==> flow/design.v <==
module core_add_unit_v2 #(
   parameter WD = 96
) (
   input  wire core_clk,
   input  wire [WD-1:0] in0_in,
   input  wire [WD-1:0] in1_in,
   output wire [WD-1:0] o_out
);
   reg [WD-1:0] r_in0;
   reg [WD-1:0] r_in1;
   always @(posedge core_clk) begin
      r_in0 <= in0_in;
      r_in1 <= in1_in;
   end
   wire [WD:0] t = r_in0 + r_in1;
   assign o_out = t[WD] ? {WD{1'b1}} : t[WD-1:0];
endmodule
Step by step through the tools: core_add_unit_v2 --
Tool output for the design above, in the order of the flow. Line numbers count from 1 in the design file above. Cell names lack the library's common part. Not given: -
Inputs: top core_add_unit_v2, clock input core_clk, library sky130hd, timing corner tt_025C_1v80

Word-level counts --
Yosys after proc, flatten, opt, wreduce and memory -nomap, before mapping. Enables and synchronous resets that opt folds into registers are not counted as muxes. Memory bits, and registers merged into a memory's read port (data or address), are not among the register bits. Print and check cells are not counted. Equal cells are merged and count once.
Word-level totals: cells after elaboration 4, input port bits 193, bits in registers 192, output and inout port bits 96
Operators by class: muxes and demuxes 1, add/sub/neg operators 1
Operator list (count):
- 96-bit by 96-bit adder with 97-bit output | 1
- 96-bit 2-to-1 mux | 1

Logic depth --
Depth = most cells in a row (Yosys ltp): at word level without a register or memory, in the mapped netlist without a sequential cell, where the memories' decode and read muxes count.
Logic depth: word-level depth 2, ABC_AREA 0, mapped depth 14, mapped depth without buffers 13

Mapped cells and area --
The flow's flattened synthesis, as Yosys stat reports it; memories are mapped. The netlist is that of the ABC_AREA named above (0 if unset); the other value can give another one.
Mapped netlist: flip-flops 192, area of sequential cells 3843.7 um^2, buffer cells 45, standard cells after synthesis 1189, cell area after synthesis 10138.5 um^2
Cells by type:
- dfxtp_1 | count 192, area in all 3.84E+03 um^2
- ha_1 | count 96, area in all 1.2E+03 um^2
- nand2_1 | count 192, area in all 720.691 um^2
- a21oi_1 | count 130, area in all 650.624 um^2
- xnor2_1 | count 51, area in all 446.678 um^2
- a21o_1 | count 48, area in all 360.346 um^2
- xor2_1 | count 39, area in all 341.578 um^2
- o21ai_0 | count 59, area in all 295.283 um^2
- nor2_1 | count 75, area in all 281.52 um^2
- nand4_1 | count 33, area in all 206.448 um^2
- o21bai_1 | count 23, area in all 172.666 um^2
- o21a_1 | count 18, area in all 135.13 um^2
- clkbuf_1 | count 27, area in all 101.347 um^2
- o21ai_1 | count 19, area in all 95.091 um^2
- buf_2 | count 18, area in all 90.086 um^2
- inv_1 | count 23, area in all 86.333 um^2
- a31oi_1 | count 13, area in all 81.328 um^2
- and3_1 | count 12, area in all 75.072 um^2
Not listed: further types 46, cells in them 121.

Timing after synthesis --
OpenSTA on the mapped netlist: ideal clock, no wires. The path of least setup slack (recovery checks aside). Input and output delay are each 20% of the period. Register names are those of the netlist, which keeps one name where synthesis merged equal registers.
Timing path after synthesis: path kind register to output, start point register r_in0[0], end point output o_out[4], delay of the path 2.930 ns, required time 3.664 ns, setup slack 0.734 ns, launch time at the first pin 0.000 ns, stages on the path 15, data arrival time 2.930 ns, period 4.58 ns, external output delay 0.916 ns, path buffers 1, synthesis period reached 3.846 ns
"delay of the path" = arrival - input delay + setup time. At an output port there is no setup time. "stages on the path": output pins that drive a net of the path, with the launching flip-flop's if there is one; two outputs of one cell count as two. "synthesis period reached" = period - worst setup slack (recovery checks aside). The figure is calculated, with input and output delays left at 20% of the set period. Between the ends stands the longest chain of elaborated cells between them, by number of cells; it is not shown to be the way that was timed. Of several equally long chains one is given. A line is the first line of the expression or statement that the cell stems from. Yosys adds cells for indexed reads and writes and turns some case tables into memories.
Between the ends, after synthesis: path through dfxtp_1 ha_1 fa_1 a211oi_1 nor2_1 a21o_1 o2111ai_1 a21boi_1 nor3_2 nor4b_1 o21ai_1 nand2_1 a21oi_2 buf_2 o21ai_1, length of the longest elaborated chain 2, elaborated cells on any way between the ends 2, RTL lines with such cells 2, classes of those cells add/sub (1); mux (1)
RTL lines, path after synthesis:
- start, declared | line 9 | reg [WD-1:0] r_in0;
- start, assigned | line 12 | r_in0 <= in0_in;
- 96-bit by 96-bit adder with 97-bit output | line 15 | wire [WD:0] t = r_in0 + r_in1;
- 96-bit 2-to-1 mux | line 16 | assign o_out = t[WD] ? {WD{1'b1}} : t[WD-1:0];
- end, declared | line 7 | output wire [WD-1:0] o_out

Worst path after layout --
Path of least setup slack in the final report of run 2 (OpenROAD, finished layout, wires in). Where an end is a register, its clock arrival counts in the times.
Timing path post-layout: path kind register to output, start point register r_in0[1], end point output o_out[91], period 4.58 ns, path buffers 4, setup slack -0.09 ns, launch time at the first pin 0.43 ns, data arrival time 3.76 ns, external output delay 0.92 ns, required time 3.66 ns, stages on the path 17
Between the ends stands the longest chain of elaborated cells between them, by number of cells; it is not shown to be the way that was timed. Of several equally long chains one is given.
Between the ends, post-layout: path through dfxtp_2 buf_4 ha_4 a21o_1 nand4_1 a21oi_2 o41ai_4 a41oi_2 o211ai_2 or4b_4 a311oi_4 buf_4 buf_6 o21ai_2 xnor2_2 nand2_1 buf_2, length of the longest elaborated chain 2, elaborated cells on any way between the ends 2, RTL lines with such cells 2, classes of those cells add/sub (1); mux (1)
RTL lines, path post-layout:
- start, declared | line 9 | reg [WD-1:0] r_in0;
- start, assigned | line 12 | r_in0 <= in0_in;
- 96-bit by 96-bit adder with 97-bit output | line 15 | wire [WD:0] t = r_in0 + r_in1;
- 96-bit 2-to-1 mux | line 16 | assign o_out = t[WD] ? {WD{1'b1}} : t[WD-1:0];
- end, declared | line 7 | output wire [WD-1:0] o_out

3 stored runs of core_add_unit_v2 in the flow (synthesis by Yosys, layout by OpenROAD, sky130hd cells), in arbitrary order. Constraints: input delay and output delay 20% of the set period each, output load 0.01 pF.
"achieved clock period" means the clock period less the worst setup slack. The figure is calculated, with input and output delays left at 20% of the set period.
"worst setup path time": the worst setup path's part of the clock period (all of it between registers, 20% less for each end at a port) less its slack. A launch clock that arrives late makes it longer, a capture clock that arrives late makes it shorter.
By "power" is meant OpenSTA's value without simulated activity: inputs other than the clock are taken to toggle once in ten clock periods, and the tool carries that through the logic.
[run 1] settings: period_ns=4.25, CORE_UTILIZATION=60, SETUP_SLACK_MARGIN=-0.01, PLACE_DENSITY=0.65, CELL_PAD_IN_SITES_GLOBAL_PLACEMENT=1, ABC_AREA=1, CTS_CLUSTER_SIZE=60, CTS_CLUSTER_DIAMETER=386, CAP_MARGIN=0, SLEW_MARGIN=40, MIN_ROUTING_LAYER=met1, MAX_ROUTING_LAYER=met4, CORE_MARGIN=2
[run 1] result: did not finish, placement stopped with GPL-0301
[run 2] settings: period_ns=4.58, CAP_MARGIN=20, CORE_MARGIN=2, CORE_UTILIZATION=40, SLEW_MARGIN=20
[run 2] result: chip area after synthesis (Yosys) 10138.5 um^2, die area 26635.9 um^2, standard-cell area of the final layout 15551.2 um^2, utilization 0.621, worst setup slack after layout -0.095 ns, total negative slack -0.619 ns, worst hold slack 0.901 ns, power 0.005164 W, achieved clock period 4.675 ns, worst setup path time 3.76 ns, worst setup path kind register to output
[run 3] settings: period_ns=6.18, CORE_UTILIZATION=45, SETUP_SLACK_MARGIN=0.08, CORE_ASPECT_RATIO=0.51, CELL_PAD_IN_SITES_GLOBAL_PLACEMENT=1, ABC_AREA=1, GPL_TIMING_DRIVEN=1, CAP_MARGIN=0, MIN_ROUTING_LAYER=met1, CORE_MARGIN=2, SLEW_MARGIN=20
[run 3] result: chip area after synthesis (Yosys) 14231.1 um^2, die area 33145.0 um^2, standard-cell area of the final layout 18230.0 um^2, utilization 0.587, worst setup slack after layout 0.855 ns, total negative slack 0.000 ns, worst hold slack 1.198 ns, power 0.004116 W, achieved clock period 5.325 ns, worst setup path time 4.09 ns, worst setup path kind register to output
